==> flow/design.v <==
module mplex_top #(
   parameter BITS = 10,
   parameter NUM = 7,
   parameter LOGN = $clog2(NUM)
) (
   input i_clk,
   input RSTN,
   input [NUM*BITS-1:0] ch_i,
   input [LOGN-1:0] sel_i,
   output [BITS-1:0] y_o
);
   reg [NUM*BITS-1:0] ch_ff;
   reg [LOGN-1:0] sel_ff;
   always @(posedge i_clk) begin
      if (~RSTN) begin
         ch_ff <= 0;
         sel_ff <= 0;
      end else begin
         ch_ff <= ch_i;
         sel_ff <= sel_i;
      end
   end
   reg [BITS-1:0] tmp;
   integer idx;
   always @* begin
      tmp = 0;
      for (idx = 0; idx < NUM; idx = idx + 1)
         if (sel_ff == idx) tmp = ch_ff[idx*BITS +: BITS];
   end
   assign y_o = tmp;
endmodule
; ---- Reports on mplex_top
; Tool output for the design above, in the order of the flow.
; Lines are those of the file above, counted from 1.
; Not given: -
[setup]
design = mplex_top
clock = i_clk
library = sky130hd
pvt_corner = tt_025C_1v80

; ---- Elaborated design
; Yosys after proc, flatten, opt, wreduce and memory -nomap, before mapping. Enables and synchronous resets that opt folds into registers are not counted as muxes. Memory bits, and registers merged into a memory's read port (data or address), are not among the register bits. Print and check cells are not counted. Equal cells are merged and count once.
[op_classes]
muxes = 7
reduce_logical = 1
eq_ne = 6
[op_table]
columns = cell, count
row1 = 10-bit two-way mux, 7
row2 = 3-bit == test (second input constant), 3
row3 = 3-bit by 2-bit == test with 1-bit output (second input constant), 2
row4 = 3-bit by 1-bit == test with 1-bit output (second input constant), 1
row5 = 3-bit zero test, 1
[word_totals]
out_inout_bits = 10
reg_bits = 73
word_cells = 16

; ---- Logic depth
; Yosys ltp: most cells in a row. Word level: on the elaborated netlist, between registers, memories and ports. Mapped: between sequential cells and ports; inverters and the memories' decode and read muxes count.
[logic_depth]
word_depth = 8
ABC_AREA = 0
ltp_mapped = 6
ltp_nobuf = 4

; ---- After synthesis
; Source: synth_stat.txt of the flow (Yosys; design flattened, memories mapped). It holds for the ABC_AREA given above (unset counts as 0); a run with the other value may have another netlist.
[mapped]
ffs = 73
synth_area_um2 = 2755.1
seq_area_um2 = 1461.4
cells = 251
buffers = 20
[by_type]
columns = cell, count, area_total_um2
row1 = sky130_fd_sc_hd__dfxtp_1, 73, 1.46E+03
row2 = sky130_fd_sc_hd__and2_1, 73, 456.688
row3 = sky130_fd_sc_hd__a221oi_2, 10, 150.144
row4 = sky130_fd_sc_hd__mux2_2, 10, 112.608
row5 = sky130_fd_sc_hd__mux2i_1, 10, 100.096
row6 = sky130_fd_sc_hd__o2bb2ai_1, 10, 87.584
row7 = sky130_fd_sc_hd__o32ai_1, 10, 87.584
row8 = sky130_fd_sc_hd__nand2b_1, 11, 68.816
row9 = sky130_fd_sc_hd__a21oi_1, 10, 50.048
row10 = sky130_fd_sc_hd__nor2_1, 10, 37.536
row11 = sky130_fd_sc_hd__clkbuf_1, 9, 33.782
row12 = sky130_fd_sc_hd__buf_4, 3, 22.522
row13 = sky130_fd_sc_hd__buf_6, 2, 22.522
row14 = sky130_fd_sc_hd__buf_12, 1, 20.019
row15 = sky130_fd_sc_hd__buf_2, 4, 20.019
row16 = sky130_fd_sc_hd__and3_1, 1, 6.256
row17 = sky130_fd_sc_hd__nor2b_1, 1, 6.256
row18 = sky130_fd_sc_hd__buf_1, 1, 3.754
; Not listed: further types 2, cells in them 2.

; ---- Path before layout
; Path of least setup slack by OpenSTA after synthesis, without wires, with an ideal clock, recovery checks aside; 20% of the period is set as input and as output delay. Where synthesis merged equal registers, the netlist keeps one of their names.
[synth_path]
path_type = register to output
start = register sel_ff[1]
end = output y_o[0]
setup_slack_ns = 0.269
path_delay_ns = 1.091
arrival_ns = 1.091
launch_ns = 0.000
tclk_ns = 1.7
output_delay_ns = 0.340
driving_pins = 7
period_less_setup_slack_ns = 1.431
; "path_delay_ns" is the arrival time less input delay plus setup time.
; A path that ends at an output port has no setup time.
; "driving_pins": output pins that drive a net of the path, with the launching flip-flop's if there is one; two outputs of one cell count as two.
; "period_less_setup_slack_ns" is the clock period less the worst setup slack; recovery checks do not enter. This is arithmetic on one report: input and output delays are still those of the set period (20% each).
; The rows between start and end are the longest chain of elaborated cells between them; the timing report does not say that the signal goes this way. Where chains are equally long, one stands for them.
; Each line given opens the expression or statement behind the cell; cells for indexed reads and writes are added by Yosys, which also makes memories of some case tables.
[synth_via]
cell_sequence = sky130_fd_sc_hd__dfxtp_1 -> sky130_fd_sc_hd__buf_6 -> sky130_fd_sc_hd__buf_12 -> sky130_fd_sc_hd__mux2i_1 -> sky130_fd_sc_hd__o2bb2ai_1 -> sky130_fd_sc_hd__a221oi_2 -> sky130_fd_sc_hd__nor2_1
elab_chain_len = 8
cone_cells = 14
lines_between = 1
[synth_rtl]
columns = item, line
row1 = from (decl), 13  ; reg [LOGN-1:0] sel_ff;
row2 = from (assign), 17  ; sel_ff <= 0;
row3 = from (assign), 20  ; sel_ff <= sel_i;
row4 = 3-bit zero test, 28  ; if (sel_ff == idx) tmp = ch_ff[idx*BITS +: BITS];
row5 = 10-bit two-way mux x7, 28
row6 = to (decl), 10  ; output [BITS-1:0] y_o

; ---- Worst path after layout
; From the final timing report of flow run B: the path of least setup slack in the routed layout; clock arrival at registers is part of the times.
[layout_path]
path_type = register to output
start = register sel_ff[1]
end = output y_o[7]
launch_ns = 0.35
output_delay_ns = 0.34
arrival_ns = 1.68
tclk_ns = 1.7
setup_slack_ns = -0.32
driving_pins = 7
; The rows between start and end are the longest chain of elaborated cells between them; the timing report does not say that the signal goes this way. Where chains are equally long, one stands for them.
[layout_via]
cell_sequence = sky130_fd_sc_hd__dfxtp_4 -> sky130_fd_sc_hd__buf_12 -> sky130_fd_sc_hd__mux2i_2 -> sky130_fd_sc_hd__o2bb2ai_2 -> sky130_fd_sc_hd__a221oi_2 -> sky130_fd_sc_hd__nor2_1 -> sky130_fd_sc_hd__buf_2
elab_chain_len = 8
cone_cells = 14
lines_between = 1
[layout_rtl]
columns = item, line
row1 = from (decl), 13  ; reg [LOGN-1:0] sel_ff;
row2 = from (assign), 17  ; sel_ff <= 0;
row3 = from (assign), 20  ; sel_ff <= sel_i;
row4 = 3-bit zero test, 28  ; if (sel_ff == idx) tmp = ch_ff[idx*BITS +: BITS];
row5 = 10-bit two-way mux x7, 28
row6 = to (decl), 10  ; output [BITS-1:0] y_o

# Flow runs of mplex_top

Measured data: module mplex_top, platform sky130hd, 3 stored runs of the flow under differing settings, order arbitrary. Input and output delays are each 20% of the period that was set; the output load is 0.01 pF.
"achieved_clock_period_ns" = clock period - worst setup slack. The figure is calculated, with input and output delays left at 20% of the set period.
"worst_path_allowed_less_slack_ns" means the part of the period allowed to the worst setup path (the constraints hold back 20% at inputs and 20% at outputs) less its slack; where the path has registers, the arrival times of their clocks count too.
"power.total_uw" rests on the timing tool's default activity at the inputs, not on a simulated workload.

# flow run A
==> flow/run.sh <==
#!/bin/bash
# the make line also repeats the synthesis and layout settings of config.mk as NAME=value (left out here)
make -C /OpenROAD-flow-scripts/flow DESIGN_CONFIG=/design/flow/config.mk WORK_HOME=/design/flow/orfs CLKGATE_MAP_FILE= finish
==> flow/config.mk <==
export PLATFORM = sky130hd
export DESIGN_NAME = mplex_top
export DESIGN_NICKNAME = mplex_top
export VERILOG_FILES = /design/flow/design.v
export SDC_FILE = /design/flow/constraint.sdc
export NUM_CORES = 4
export LEC_CHECK = 0
export ABC_AREA = 0
export CAP_MARGIN = 20
export CELL_PAD_IN_SITES_DETAIL_PLACEMENT = 1
export CORE_ASPECT_RATIO = 0.58
export CORE_MARGIN = 8
export CORE_UTILIZATION = 69
export CTS_CLUSTER_SIZE = 97
export PLACE_DENSITY_LB_ADDON = 0.12
export SLEW_MARGIN = 20
==> flow/constraint.sdc <==
create_clock -name core_clock -period 1.4 [get_ports {i_clk}]
set_input_delay 0.2800 -clock core_clock [delete_from_list [all_inputs] [get_ports {i_clk}]]
set_output_delay 0.2800 -clock core_clock [all_outputs]
set_load 0.01 [all_outputs]

==> flow run A: results <==
outcome="incomplete, placement halted on FLW-0024"

# flow run B
==> flow/run.sh <==
#!/bin/bash
# the make line also repeats the synthesis and layout settings of config.mk as NAME=value (left out here)
make -C /OpenROAD-flow-scripts/flow DESIGN_CONFIG=/design/flow/config.mk WORK_HOME=/design/flow/orfs CLKGATE_MAP_FILE= finish
==> flow/config.mk <==
export PLATFORM = sky130hd
export DESIGN_NAME = mplex_top
export DESIGN_NICKNAME = mplex_top
export VERILOG_FILES = /design/flow/design.v
export SDC_FILE = /design/flow/constraint.sdc
export NUM_CORES = 4
export LEC_CHECK = 0
export CAP_MARGIN = 20
export CORE_MARGIN = 2
export CORE_UTILIZATION = 40
export SLEW_MARGIN = 20
==> flow/constraint.sdc <==
create_clock -name core_clock -period 1.7 [get_ports {i_clk}]
set_input_delay 0.3400 -clock core_clock [delete_from_list [all_inputs] [get_ports {i_clk}]]
set_output_delay 0.3400 -clock core_clock [all_outputs]
set_load 0.01 [all_outputs]

==> flow run B: results <==
util_frac=0.588
dieArea_um2=7568.1
ws_hold_ns=0.565
finalCellArea_um2=3948.8
achieved_clock_period_ns=2.016
power.total_uw=3657
timing.setup.tns_ns=-2.852
setup_worst_slack_ns=-0.316
yosys_chip_area_um2=2755.1
worst_path_allowed_less_slack_ns=1.68
critical_path_kind="register to output"

# flow run C
==> flow/run.sh <==
#!/bin/bash
# the make line also repeats the synthesis and layout settings of config.mk as NAME=value (left out here)
make -C /OpenROAD-flow-scripts/flow DESIGN_CONFIG=/design/flow/config.mk WORK_HOME=/design/flow/orfs CLKGATE_MAP_FILE= finish
==> flow/config.mk <==
export PLATFORM = sky130hd
export DESIGN_NAME = mplex_top
export DESIGN_NICKNAME = mplex_top
export VERILOG_FILES = /design/flow/design.v
export SDC_FILE = /design/flow/constraint.sdc
export NUM_CORES = 4
export LEC_CHECK = 0
export CAP_MARGIN = 20
export CORE_ASPECT_RATIO = 1.58
export CORE_MARGIN = 2
export CORE_UTILIZATION = 70
export GPL_ROUTABILITY_DRIVEN = 0
export GPL_TIMING_DRIVEN = 1
export MAX_ROUTING_LAYER = met5
export MIN_ROUTING_LAYER = met2
export PLACE_DENSITY_LB_ADDON = 0.12
export SETUP_SLACK_MARGIN = -0.03
export SLEW_MARGIN = 20
export TNS_END_PERCENT = 25
==> flow/constraint.sdc <==
create_clock -name core_clock -period 1.11 [get_ports {i_clk}]
set_input_delay 0.2220 -clock core_clock [delete_from_list [all_inputs] [get_ports {i_clk}]]
set_output_delay 0.2220 -clock core_clock [all_outputs]
set_load 0.01 [all_outputs]

==> flow run C: results <==
outcome="incomplete, placement halted on FLW-0024"
